==> flow/design.v <==
module add_mod #(
    parameter DATA_WIDTH = 28
) (
    input  wire ck,
    input  wire [DATA_WIDTH-1:0] rs1_in,
    input  wire [DATA_WIDTH-1:0] rs2_in,
    input  wire cy_in_in,
    output wire [DATA_WIDTH-1:0] o_out,
    output wire cy_out
);
    reg [DATA_WIDTH-1:0] rs1_s;
    reg [DATA_WIDTH-1:0] rs2_s;
    reg cy_in_s;
    always @(posedge ck) begin
        rs1_s <= rs1_in;
        rs2_s <= rs2_in;
        cy_in_s <= cy_in_in;
    end
    wire [DATA_WIDTH-1:0] r;
    wire [DATA_WIDTH:0] carry;
    assign carry[0] = cy_in_s;
    genvar g;
    generate
        for (g = 0; g < DATA_WIDTH; g = g + 1) begin : slice
            assign r[g] = rs1_s[g] ^ rs2_s[g] ^ carry[g];
            assign carry[g+1] = (rs1_s[g] & rs2_s[g]) | (carry[g] & (rs1_s[g] ^ rs2_s[g]));
        end
    endgenerate
    assign o_out = r;
    assign cy_out = carry[DATA_WIDTH];
endmodule
======== Reports on add_mod ========
The steps from the RTL of add_mod to its reports follow in flow order.
Line numbers count from 1 in the design file above.
Operators: Yosys type, input widths -> output width; for muxes data width and select width s.
Cell names lack the library's common part.
A cell with n/a has no value.
set-up
  top ..................................... add_mod
  clock port .............................. ck
  standard-cell library ................... sky130hd
  corner .................................. tt_025C_1v80

======== After elaboration ========
Counts by Yosys on the flattened word-level netlist (proc, flatten, opt, wreduce; memories kept). Register bits leave out memories and registers merged into their read ports (data or address); mux counts leave out enables and synchronous resets folded into registers. Print and check cells are left out. Cells with the same type and inputs are merged into one.
word-level totals
  input port bits ......................... 58
  output and inout bits ................... 29
  elaborated cells ........................ 143
  flip-flop bits (word level) ............. 57
cells by class
  bitwise operators ....................... 140
operators by type and width
  kind         count
  $and 1x1->1  56
  $xor 1x1->1  56
  $or 1x1->1   28

======== Depth ========
Depth = most cells in a row (Yosys ltp): at word level without a register or memory, in the mapped netlist without a sequential cell, where the memories' decode and read muxes count.
logic depth
  depth after elaboration ................. 57
  ABC_AREA ................................ 0
  gate-level depth with buffers ........... 32
  depth with buffers taken out ............ 32

======== After synthesis ========
Source: synth_stat.txt of the flow (Yosys; design flattened, memories mapped). It holds for the ABC_AREA given above (unset counts as 0); a run with the other value may have another netlist.
The area totals of this step are shown rounded.
mapped netlist
  cells in the netlist .................... 95
  area of sequential cells ................ 1141 um^2
  buffers ................................. 0
  flip-flops .............................. 57
  synthesis area .......................... 1739 um^2
cells by type
  type     count  total area (um^2)
  dfxtp_1  57     1.14E+03
  fa_1     28     560.538
  inv_1    10     37.536

======== Path before layout ========
OpenSTA on the mapped netlist: ideal clock, no wires. The path of least setup slack (recovery checks aside). Input and output delay are each 20% of the period. Register names are those of the netlist, which keeps one name where synthesis merged equal registers.
path post-synthesis
  path kind ............................... register to output
  from .................................... register rs1_s[0]
  to ...................................... output port o_out[27]
  external output delay ................... 3.420 ns
  delay of the path ....................... 10.965 ns
  path buffers ............................ 0
  setup slack ............................. 2.715 ns
  clock period ............................ 17.1 ns
  required time ........................... 13.680 ns
  driving pins on the path ................ 33
  time at the first pin ................... 0.000 ns
  data arrival time ....................... 10.965 ns
  synthesis period reached ................ 14.385 ns
"delay of the path" is the arrival time less input delay plus setup time.
At an output port there is no setup time.
"driving pins on the path": output pins that drive a net of the path, with the launching flip-flop's if there is one; two outputs of one cell count as two.
"synthesis period reached" is the clock period less the worst setup slack; recovery checks do not enter. This is arithmetic on one report: input and output delays are still those of the set period (20% each).
The rows between start and end are the longest chain of elaborated cells between them; the timing report does not say that the signal goes this way. Where chains are equally long, one stands for them.
A line is the first line of the expression or statement that the cell stems from. Yosys adds cells for indexed reads and writes and turns some case tables into memories.
between the ends, post-synthesis
  cells stage by stage .................... dfxtp_1 fa_1 fa_1 fa_1 fa_1 fa_1 fa_1 fa_1 fa_1 fa_1 fa_1 fa_1 fa_1 fa_1 fa_1 fa_1 fa_1 fa_1 fa_1 fa_1 fa_1 fa_1 fa_1 fa_1 fa_1 fa_1 inv_1 fa_1 inv_1 fa_1 inv_1 fa_1 inv_1
  length of the longest elaborated chain .. 56
  elaborated cells on any way between the ends .. 57
  those cells by class .................... 57 x logic
RTL lines, path post-synthesis
  item            RTL line  source
  from (decl)     11        reg [DATA_WIDTH-1:0] rs1_s;
  from (assign)   15        rs1_s <= rs1_in;
  $xor 1x1->1     26        assign carry[g+1] = (rs1_s[g] & rs2_s[g]) | (carry[g] & (rs1_s[g] ^ rs2_s[g]));
  $and 1x1->1     26
  $or 1x1->1      26
  $and 1x1->1     26
  $or 1x1->1      26
  $and 1x1->1     26
  $or 1x1->1      26
  (+42 left out)  n/a
  $and 1x1->1     26
  $or 1x1->1      26
  $and 1x1->1     26
  $or 1x1->1      26
  $and 1x1->1     26
  $or 1x1->1      26
  $xor 1x1->1     25        assign r[g] = rs1_s[g] ^ rs2_s[g] ^ carry[g];
  to (decl)       8         output wire [DATA_WIDTH-1:0] o_out,

======== Timing after layout ========
Path of least setup slack in the final report of flow run 2 (OpenROAD, finished layout, wires in). Where an end is a register, its clock arrival counts in the times.
path after layout
  path kind ............................... register to output
  from .................................... register rs1_s[0]
  to ...................................... output port o_out[27]
  clock period ............................ 17.1 ns
  data arrival time ....................... 12.24 ns
  setup slack ............................. 1.44 ns
  path buffers ............................ 1
  driving pins on the path ................ 34
  time at the first pin ................... 0.32 ns
  external output delay ................... 3.42 ns
  required time ........................... 13.68 ns
The rows between start and end are the longest chain of elaborated cells between them; the timing report does not say that the signal goes this way. Where chains are equally long, one stands for them.
between the ends, after layout
  cells stage by stage .................... dfxtp_1 fa_1 fa_1 fa_1 fa_1 fa_1 fa_1 fa_1 fa_1 fa_1 fa_1 fa_1 fa_1 fa_1 fa_1 fa_1 fa_1 fa_1 fa_1 fa_1 fa_1 fa_1 fa_1 fa_1 fa_1 fa_1 inv_1 fa_1 inv_1 fa_1 inv_1 fa_1 inv_1 clkdlybuf4s50_1
  length of the longest elaborated chain .. 56
  elaborated cells on any way between the ends .. 57
  those cells by class .................... 57 x logic
RTL lines, path after layout
  item            RTL line  source
  from (decl)     11        reg [DATA_WIDTH-1:0] rs1_s;
  from (assign)   15        rs1_s <= rs1_in;
  $xor 1x1->1     26        assign carry[g+1] = (rs1_s[g] & rs2_s[g]) | (carry[g] & (rs1_s[g] ^ rs2_s[g]));
  $and 1x1->1     26
  $or 1x1->1      26
  $and 1x1->1     26
  $or 1x1->1      26
  $and 1x1->1     26
  $or 1x1->1      26
  (+42 left out)  n/a
  $and 1x1->1     26
  $or 1x1->1      26
  $and 1x1->1     26
  $or 1x1->1      26
  $and 1x1->1     26
  $or 1x1->1      26
  $xor 1x1->1     25        assign r[g] = rs1_s[g] ^ rs2_s[g] ^ carry[g];
  to (decl)       8         output wire [DATA_WIDTH-1:0] o_out,

Memo
Re: implementation data of add_mod

Flow measurements of add_mod on sky130hd: 3 stored runs with different settings, listed in no order. Input and output delays are each 20% of the period that was set; the output load is 0.01 pF.
"clock period reached" means the clock period less the worst setup slack. The figure is calculated, with input and output delays left at 20% of the set period.
"time of the worst setup path" = time allowed to the worst setup path (clock period - input delay - output delay, where it has them) - its slack; a late launch clock adds to it, a late capture clock takes from it.
"total power after layout": no workload was simulated; the value follows from the tool's default switching activity.
The measured numbers are rounded.

---- flow run 1 ----
settings
  period_ns = 8.46
  CORE_UTILIZATION = 70
  SETUP_SLACK_MARGIN = -0.83
  PLACE_DENSITY = 0.6
  TNS_END_PERCENT = 50
  ABC_AREA = 0
  GPL_ROUTABILITY_DRIVEN = 1
  CTS_CLUSTER_DIAMETER = 74
  CAP_MARGIN = 30
  SLEW_MARGIN = 40
  CORE_MARGIN = 2
results
  not finished: placement ended with error GPL-0301

---- flow run 2 ----
settings
  period_ns = 17.1
  CAP_MARGIN = 20
  CORE_MARGIN = 2
  CORE_UTILIZATION = 40
  SLEW_MARGIN = 20
results
  final utilization ....................... 69.8 %
  total negative slack .................... 0.000 ns
  post-synthesis cell area ................ 1739 um^2
  time of the worst setup path ............ 12.24 ns
  class of the worst setup path ........... register to output
  clock period reached .................... 15.661 ns
  std-cell area (final layout) ............ 2851 um^2
  worst hold slack in the final report .... 3.536 ns
  setup slack of the worst path ........... 1.439 ns
  total power after layout ................ 324.1 µW
  overall die area ........................ 4892 um^2

---- flow run 3 ----
settings
  period_ns = 8.42
  CORE_UTILIZATION = 59
  PLACE_DENSITY_LB_ADDON = 0.15
  CORE_ASPECT_RATIO = 1.35
  CORE_MARGIN = 2
  TNS_END_PERCENT = 80
  CTS_CLUSTER_SIZE = 53
  CTS_CLUSTER_DIAMETER = 95
  MAX_ROUTING_LAYER = met4
  CAP_MARGIN = 20
  SLEW_MARGIN = 20
results
  not finished: placement ended with error FLW-0024
